==> flow/design.v <==
module my_multiplier #(
  parameter W = 12,
  parameter MULT_BY = 1445,
  parameter OUT_W = W + $clog2(MULT_BY + 1)
) (
  input  aclk,
  input  [W-1:0] lhs,
  output [OUT_W-1:0] out
);
  reg [W-1:0] r_lhs;
  always @(posedge aclk)
    r_lhs <= lhs;
  assign out = r_lhs * MULT_BY;
endmodule
== Reports on my_multiplier ==
What the tools print for my_multiplier, step after step.
Lines are those of the file above, counted from 1.
Library cell names are shortened.
The mark - stands for no value.

* Top: my_multiplier
* Clock: aclk
* Standard-cell library: sky130hd
* Timing corner: tt_025C_1v80

== Word level ==
Counts by Yosys on the flattened word-level netlist (proc, flatten, opt, wreduce; memories kept). Register bits leave out memories and registers merged into their read ports (data or address); mux counts leave out enables and synchronous resets folded into registers. Print and check cells are left out. Cells with the same type and inputs are merged into one.

* Multiply operators: 1

{| class="wikitable"
|+ Operators with widths
! operator !! number
|-
| multiplier 12 x 11 -> 23 bit with constant B || 1
|}

* Word-level cells: 2
* Bits in registers: 12
* Bits of input ports: 13

== Logic depth ==
Depth = most cells in a row (Yosys ltp): at word level without a register or memory, in the mapped netlist without a sequential cell, where the memories' decode and read muxes count.

* Word-level depth: 1
* ABC_AREA: 0
* Mapped depth: 16

== Synthesis result ==
Yosys stat after the flow's synthesis: flattened, memories mapped to cells. It holds for the ABC_AREA given above (unset counts as 0); a run with the other value may have another netlist.
Totals and module areas in this step are rounded.

* Flip-flops: 12
* Buffers: 2
* Mapped area: 2660 sq um
* Sequential area: 240 sq um
* Mapped cells: 283

{| class="wikitable"
|+ Cell types
! cell !! number
|-
| ha_1 || 70
|-
| fa_1 || 28
|-
| dfxtp_1 || 12
|-
| inv_1 || 57
|-
| xnor2_1 || 14
|-
| xor2_1 || 10
|-
| a21oi_1 || 13
|-
| nand2_1 || 17
|-
| o21ai_1 || 7
|-
| a41oi_2 || 2
|-
| nand2b_1 || 5
|-
| a211oi_1 || 4
|-
| a21o_1 || 4
|-
| nand3_1 || 5
|-
| o21ai_0 || 5
|-
| nor2_1 || 6
|-
| o21a_1 || 3
|-
| and3_1 || 3
|}

Not listed: further types 15, cells in them 18.

== Worst setup path after synthesis ==
Source: OpenSTA report_checks on the synthesized netlist (no wires, ideal clock, input and output delay 20% of the period each), path of least setup slack; recovery checks are left aside. Register names are those of the netlist, which keeps one name where synthesis merged equal registers.

* Path type: register -> output
* Start: reg r_lhs[1]
* End: out out[20]
* Clock period: 6990 ps
* Path slack: 1120 ps
* External output delay: 1398 ps
* Arrival time: 4472 ps
* Delay of the path: 4472 ps
* Path buffers: 0
* Stages on the path: 16
* Data required time: 5592 ps
* Time at the first pin: 0 ps
* Synthesis period reached: 5870 ps

"delay of the path" is the arrival time less input delay plus setup time.
At an output port there is no setup time.
"stages on the path": output pins that drive a net of the path, with the launching flip-flop's if there is one; two outputs of one cell count as two.
"synthesis period reached" is the clock period less the worst setup slack; recovery checks do not enter. This is arithmetic on one report: input and output delays are still those of the set period (20% each).
The rows between start and end are the longest chain of elaborated cells between them; the timing report does not say that the signal goes this way. Where chains are equally long, one stands for them.
A line is the first line of the expression or statement that the cell stems from. Yosys adds cells for indexed reads and writes and turns some case tables into memories.

* Cell sequence: dfxtp_1 ha_1 xor2_1 ha_1 fa_1 fa_1 inv_1 fa_1 inv_1 ha_1 a21oi_1 nand2_1 o2111ai_2 o221ai_2 mux2_4 a221oi_2
* Cells in the longest elaborated chain: 1

{| class="wikitable"
|+ RTL lines, path after synthesis
! element !! RTL line !! source
|-
| start, declared || 10 || <nowiki>reg [W-1:0] r_lhs;</nowiki>
|-
| start, assigned || 12 || <nowiki>r_lhs <= lhs;</nowiki>
|-
| multiplier 12 x 11 -> 23 bit || 13 || <nowiki>assign out = r_lhs * MULT_BY;</nowiki>
|-
| end, declared || 8 || <nowiki>output [OUT_W-1:0] out</nowiki>
|}

== Timing after layout ==
Path of least setup slack in the final report of flow run 1 (OpenROAD, finished layout, wires in). Where an end is a register, its clock arrival counts in the times.
The report prints the path's times to 10 ps; the period is as set.

* Path type: register -> output
* Start: reg r_lhs[3]
* End: out out[20]
* Path slack: 850 ps
* Clock period: 6600 ps
* Time at the first pin: 230 ps
* Data required time: 5280 ps
* Stages on the path: 17
* Arrival time: 4430 ps
* External output delay: 1320 ps
* Path buffers: 1

The rows between start and end are the longest chain of elaborated cells between them; the timing report does not say that the signal goes this way. Where chains are equally long, one stands for them.

* Cell sequence: dfxtp_4 ha_4 xor2_4 ha_4 fa_1 fa_1 inv_1 fa_1 inv_1 ha_4 a21oi_2 nand2_2 o2111ai_4 o221ai_4 mux2_4 a221oi_2 buf_2
* Cells in the longest elaborated chain: 1

{| class="wikitable"
|+ RTL lines, path after layout
! element !! RTL line !! source
|-
| start, declared || 10 || <nowiki>reg [W-1:0] r_lhs;</nowiki>
|-
| start, assigned || 12 || <nowiki>r_lhs <= lhs;</nowiki>
|-
| multiplier 12 x 11 -> 23 bit || 13 || <nowiki>assign out = r_lhs * MULT_BY;</nowiki>
|-
| end, declared || 8 || <nowiki>output [OUT_W-1:0] out</nowiki>
|}

Subject: flow runs of my_multiplier

Hi,

Module my_multiplier, platform sky130hd: 3 stored runs of the flow (Yosys, OpenROAD) with differing settings, in no particular order. Input and output delays are each 20% of the period that was set; the output load is 0.01 pF.
"achieved clock period" = clock period - worst setup slack. The figure is calculated, with input and output delays left at 20% of the set period.
"allowed time less slack (worst setup path)": the worst setup path's part of the clock period (all of it between registers, 20% less for each end at a port) less its slack. A launch clock that arrives late makes it longer, a capture clock that arrives late makes it shorter.
"power": no workload was simulated; the value follows from the tool's default switching activity.
"allowed time less slack (worst setup path)" is known to 10 ps.
The results are shown rounded.

=== Flow run 1 ===
{| class="wikitable"
! Setting !! Value
|-
| period_ns || 6.6
|-
| CORE_UTILIZATION || 23
|-
| SETUP_SLACK_MARGIN || 0.72
|-
| CORE_ASPECT_RATIO || 1.52
|-
| CELL_PAD_IN_SITES_GLOBAL_PLACEMENT || 3
|-
| CTS_CLUSTER_SIZE || 28
|-
| CAP_MARGIN || 40
|-
| MAX_ROUTING_LAYER || met4
|-
| CORE_MARGIN || 2
|-
| SLEW_MARGIN || 20
|-
! Result !! Value
|-
| Allowed time less slack (worst setup path) || 4430 ps
|-
| Type of the worst setup path || register -> output
|-
| Post-route utilization || 0.319
|-
| Overall die area || 12500 sq um
|-
| Setup TNS || 0 ps
|-
| Worst hold slack in the final report || 1520 ps
|-
| Achieved clock period || 5748 ps
|-
| Setup slack of the worst path || 852 ps
|-
| Standard-cell area after layout || 3600 sq um
|-
| Power || 1780 uW
|-
| Synthesized cell area || 2660 sq um
|}

=== Flow run 2 ===
{| class="wikitable"
! Setting !! Value
|-
| period_ns || 6.99
|-
| CAP_MARGIN || 20
|-
| CORE_MARGIN || 2
|-
| CORE_UTILIZATION || 40
|-
| SLEW_MARGIN || 20
|-
! Result !! Value
|-
| Power || 1420 uW
|-
| Synthesized cell area || 2660 sq um
|-
| Post-route utilization || 0.491
|-
| Setup TNS || 0 ps
|-
| Overall die area || 7320 sq um
|-
| Allowed time less slack (worst setup path) || 5240 ps
|-
| Type of the worst setup path || register -> output
|-
| Worst hold slack in the final report || 1610 ps
|-
| Setup slack of the worst path || 354 ps
|-
| Achieved clock period || 6636 ps
|-
| Standard-cell area after layout || 3140 sq um
|}

=== Flow run 3 ===
{| class="wikitable"
! Setting !! Value
|-
| period_ns || 5.2
|-
| CORE_UTILIZATION || 38
|-
| SETUP_SLACK_MARGIN || 0.9
|-
| PLACE_DENSITY || 0.62
|-
| HOLD_SLACK_MARGIN || 0.19
|-
| CELL_PAD_IN_SITES_GLOBAL_PLACEMENT || 1
|-
| CELL_PAD_IN_SITES_DETAIL_PLACEMENT || 1
|-
| GPL_TIMING_DRIVEN || 0
|-
| CAP_MARGIN || 30
|-
| CORE_MARGIN || 2
|-
| SLEW_MARGIN || 20
|-
! Result !! Value
|-
| Overall die area || 7690 sq um
|-
| Worst hold slack in the final report || 1230 ps
|-
| Achieved clock period || 5428 ps
|-
| Power || 2650 uW
|-
| Setup slack of the worst path || -228 ps
|-
| Allowed time less slack (worst setup path) || 4390 ps
|-
| Type of the worst setup path || register -> output
|-
| Setup TNS || -1020 ps
|-
| Standard-cell area after layout || 4040 sq um
|-
| Post-route utilization || 0.594
|-
| Synthesized cell area || 2660 sq um
|}

Regards
